==> flow/design.v <==
module cpu_mul_core_p (clk_i, rst_ni, arg0_in, arg1_in, prod_out);
   parameter NBITS = 28;
   input clk_i;
   input rst_ni;
   input [NBITS-1:0] arg0_in;
   input [NBITS-1:0] arg1_in;
   output reg [2*NBITS-1:0] prod_out;
   reg [NBITS-1:0] arg0_s;
   always @(posedge clk_i) begin
      if (!rst_ni) begin
         arg0_s <= 0;
      end else begin
         arg0_s <= arg0_in;
      end
   end
   reg [NBITS-1:0] arg1_s;
   always @(posedge clk_i) begin
      if (!rst_ni) begin
         arg1_s <= 0;
      end else begin
         arg1_s <= arg1_in;
      end
   end
   localparam H = NBITS / 2;
   wire [NBITS-1:0] ll;
   cpu_mul_core_p_pmul #(.N(H)) el (.a(arg0_s[H-1:0]), .b(arg1_s[H-1:0]), .p(ll));
   wire [NBITS-1:0] lh;
   cpu_mul_core_p_pmul #(.N(H)) inst (.a(arg0_s[H-1:0]), .b(arg1_s[NBITS-1:H]), .p(lh));
   wire [NBITS-1:0] hl;
   cpu_mul_core_p_pmul #(.N(H)) unit (.a(arg0_s[NBITS-1:H]), .b(arg1_s[H-1:0]), .p(hl));
   wire [NBITS-1:0] hh;
   cpu_mul_core_p_pmul #(.N(H)) u (.a(arg0_s[NBITS-1:H]), .b(arg1_s[NBITS-1:H]), .p(hh));
   reg [NBITS-1:0] ll_s;
   always @(posedge clk_i) begin
      if (!rst_ni) begin
         ll_s <= 0;
      end else begin
         ll_s <= ll;
      end
   end
   reg [NBITS-1:0] lh_s;
   always @(posedge clk_i) begin
      if (!rst_ni) begin
         lh_s <= 0;
      end else begin
         lh_s <= lh;
      end
   end
   reg [NBITS-1:0] hl_s;
   always @(posedge clk_i) begin
      if (!rst_ni) begin
         hl_s <= 0;
      end else begin
         hl_s <= hl;
      end
   end
   reg [NBITS-1:0] hh_s;
   always @(posedge clk_i) begin
      if (!rst_ni) begin
         hh_s <= 0;
      end else begin
         hh_s <= hh;
      end
   end
   wire [NBITS:0] part;
   assign part = lh_s + hl_s;
   always @(posedge clk_i) begin
      if (!rst_ni) begin
         prod_out <= 0;
      end else begin
         prod_out <= {hh_s, ll_s} + {part, {H{1'b0}}};
      end
   end
endmodule
module cpu_mul_core_p_pmul #(parameter N = 4) (
   input wire [N-1:0] a,
   input wire [N-1:0] b,
   output wire [2*N-1:0] p
);
   assign p = a * b;
endmodule
Tool chain data of cpu_mul_core_p

The steps from the RTL of cpu_mul_core_p to its reports follow in flow order.
Lines are those of the file above, counted from 1.
Library cell names are shortened.
Not given: --

Top: cpu_mul_core_p
Clock: clk_i
Library: sky130hd
Corner: tt_025C_1v80

Elaborated design

Yosys after proc, flatten, opt, wreduce and memory -nomap, before mapping. Enables and synchronous resets that opt folds into registers are not counted as muxes. Memory bits, and registers merged into a memory's read port (data or address), are not among the register bits. Print and check cells are not counted. Equal cells are merged and count once.

$add $sub $neg: 2
Multipliers: 4

Operator list:

| cell                                           | count |
| 14-bit by 14-bit multiplier with 28-bit output | 4 |
| 56-bit by 43-bit adder with 56-bit output      | 1 |
| 28-bit by 28-bit adder with 29-bit output      | 1 |

Register bits: 224
Input bits: 58
Output and inout port bits: 56
Word-level cells: 13

Logic depth

Depth = most cells in a row (Yosys ltp): at word level without a register or memory, in the mapped netlist without a sequential cell, where the memories' decode and read muxes count.

Word-level depth: 2
ABC_AREA: 0
Mapped depth: 25
Depth with buffers taken out: 23

Mapped cells and area

Yosys stat after the flow's synthesis: flattened, memories mapped to cells. It holds for the ABC_AREA given above (unset counts as 0); a run with the other value may have another netlist.

Mapped cells: 3953
Synthesis area: 34807.1 µm²
Area of sequential cells: 4484.3 µm²
Flip-flops: 224
Buffer cells: 209

Cell types:

| cell type | count | area in all (µm²) |
| fa_1      | 566   | 1.13E+04 |
| ha_1      | 425   | 5317.6 |
| dfxtp_1   | 224   | 4.48E+03 |
| and2_1    | 455   | 2846.48 |
| inv_1     | 650   | 2439.84 |
| nand2_1   | 509   | 1.91E+03 |
| clkbuf_1  | 206   | 773.242 |
| a21oi_1   | 140   | 700.672 |
| xnor2_1   | 78    | 683.155 |
| nor2_1    | 169   | 634.358 |
| a21o_1    | 69    | 517.997 |
| xor2_1    | 59    | 516.746 |
| o21ai_0   | 77    | 385.37 |
| o21bai_1  | 24    | 180.173 |
| nand3_1   | 32    | 160.154 |
| and3_1    | 25    | 156.4 |
| o21a_1    | 20    | 150.144 |
| nand2b_1  | 21    | 131.376 |

Other cell types: 45; their cells: 204.
The figures by module come from a second, unflattened synthesis with its own total; it is not the netlist above.

Cells (unflattened synthesis): 4206
Area total of the unflattened synthesis: 36882.9 µm²

Each row is one instance without its submodules.

Modules:

| module                      | times used | cells | area (µm²) | sequential area (µm²) |
| cpu_mul_core_p_pmul #(N=14) | 4          | 811   | 6895.4     | 0.0 |
| cpu_mul_core_p              | 1          | 962   | 9301.4     | 4484.3 |

Path before layout

Source: OpenSTA report_checks on the synthesized netlist (no wires, ideal clock, input and output delay 20% of the period each), path of least setup slack; recovery checks are left aside. Register names are those of the netlist, which keeps one name where synthesis merged equal registers.

Path type: reg-to-reg
Start: reg arg0_s[7]
End: reg lh_s[27]
Clock period: 7.74 ns
Library setup time: 0.128 ns
Launch time at the first pin: 0.000 ns
Data arrival time: 6.061 ns
Data required time: 7.612 ns
Path slack: 1.551 ns
Delay of the path: 6.189 ns
Driving pins on the path: 23
Buffers on the path: 2
Period reached after synthesis: 6.189 ns

"delay of the path" is the arrival time less input delay plus setup time.
"driving pins on the path" counts driving pins, that of a launching flip-flop among them; a cell with two outputs on the path counts twice.
"period reached after synthesis" = period - worst setup slack (recovery checks aside). The figure is calculated, with input and output delays left at 20% of the set period.
Between the ends stands the longest chain of elaborated cells between them, by number of cells; it is not shown to be the way that was timed. Of several equally long chains one is given.
Each line given opens the expression or statement behind the cell; cells for indexed reads and writes are added by Yosys, which also makes memories of some case tables.

Path through: dfxtp_1 > clkbuf_1 > clkbuf_1 > and2_1 > fa_1 > inv_1 > fa_1 > inv_1 > fa_1 > inv_1 > fa_1 > inv_1 > fa_1 > fa_1 > ha_1 > or4_4 > o311ai_1 > nand3_1 > a21o_1 > a311o_2 > a311oi_2 > xnor2_1 > nor2_1
Length of the longest elaborated chain: 1
Elaborated cells on any way between the ends: 1
RTL lines with such cells: 1
Those cells by class: mul (1)

Ends and longest elaborated chain, post-synthesis:

| element                                        | RTL line | source |
| start, declared                                | 8        | `reg [NBITS-1:0] arg0_s;` |
| start, assigned                                | 11       | `arg0_s <= 0;` |
| start, assigned                                | 13       | `arg0_s <= arg0_in;` |
| 14-bit by 14-bit multiplier with 28-bit output | 80       | `assign p = a * b;` |
| end, assigned                                  | 44       | `lh_s <= 0;` |
| end, assigned                                  | 46       | `lh_s <= lh;` |
| end, declared                                  | 41       | `reg [NBITS-1:0] lh_s;` |

Worst path after layout

From the final timing report of flow run 1: the path of least setup slack in the routed layout; clock arrival at registers is part of the times.

Path type: reg-to-reg
Start: reg arg1_s[2]
End: reg hl_s[27]
Clock period: 8.14 ns
Library setup time: 0.11 ns
Launch time at the first pin: 0.61 ns
Data arrival time: 7.38 ns
Data required time: 8.64 ns
Path slack: 1.26 ns
Driving pins on the path: 23
Buffers on the path: 0

Between the ends stands the longest chain of elaborated cells between them, by number of cells; it is not shown to be the way that was timed. Of several equally long chains one is given.

Path through: dfxtp_1 > and2_1 > fa_1 > inv_1 > fa_1 > inv_1 > fa_1 > inv_1 > fa_1 > inv_1 > fa_1 > inv_1 > fa_1 > inv_1 > ha_1 > nand4_1 > inv_1 > a41o_1 > o31a_1 > o31ai_1 > a21oi_1 > a21boi_0 > mux2_2
Length of the longest elaborated chain: 1
Elaborated cells on any way between the ends: 1
RTL lines with such cells: 1
Those cells by class: mul (1)

Ends and longest elaborated chain, after layout:

| element                                        | RTL line | source |
| start, declared                                | 16       | `reg [NBITS-1:0] arg1_s;` |
| start, assigned                                | 19       | `arg1_s <= 0;` |
| start, assigned                                | 21       | `arg1_s <= arg1_in;` |
| 14-bit by 14-bit multiplier with 28-bit output | 80       | `assign p = a * b;` |
| end, assigned                                  | 52       | `hl_s <= 0;` |
| end, assigned                                  | 54       | `hl_s <= hl;` |
| end, declared                                  | 49       | `reg [NBITS-1:0] hl_s;` |

Ticket comment

Module cpu_mul_core_p, platform sky130hd: 3 stored runs of the flow (Yosys, OpenROAD) with differing settings, in no particular order. Input and output delays are each 20% of the period that was set; the output load is 0.01 pF.
By "total power of the final layout" is meant OpenSTA's value without simulated activity: inputs other than the clock are taken to toggle once in ten clock periods, and the tool carries that through the logic.
Settings: . = not set for that run.

| item                                   | flow run 1 | flow run 2 | flow run 3 |
| period_ns                              | 8.14       | 11.8       | 7.74       |
| CORE_UTILIZATION                       | 33         | 44         | 40         |
| PLACE_DENSITY                          | 0.44       | .          | .          |
| CORE_ASPECT_RATIO                      | 0.67       | 1.5        | .          |
| CELL_PAD_IN_SITES_DETAIL_PLACEMENT     | 0          | .          | .          |
| TNS_END_PERCENT                        | 75         | 30         | .          |
| CTS_CLUSTER_DIAMETER                   | 106        | 193        | .          |
| CAP_MARGIN                             | 20         | 20         | 20         |
| CORE_MARGIN                            | 2          | 2          | 2          |
| SLEW_MARGIN                            | 20         | 20         | 20         |
| SETUP_SLACK_MARGIN                     | .          | 3.2        | .          |
| PLACE_DENSITY_LB_ADDON                 | .          | 0.11       | .          |
| ABC_AREA                               | .          | 0          | .          |
| GPL_ROUTABILITY_DRIVEN                 | .          | 0          | .          |
| total power of the final layout (µW)   | 5893       | 3903       | 6018       |
| mapped cell area after synthesis (µm²) | 34807.1    | 34807.1    | 34807.1    |
| final worst hold slack (ns)            | 0.431      | 0.427      | 0.423      |
| worst setup slack after layout (ns)    | 1.265      | 5.188      | 1.184      |
| standard-cell area after routing (µm²) | 38508.2    | 37745.0    | 38185.4    |
| area of the die (µm²)                  | 108142.0   | 81418.3    | 89392.0    |
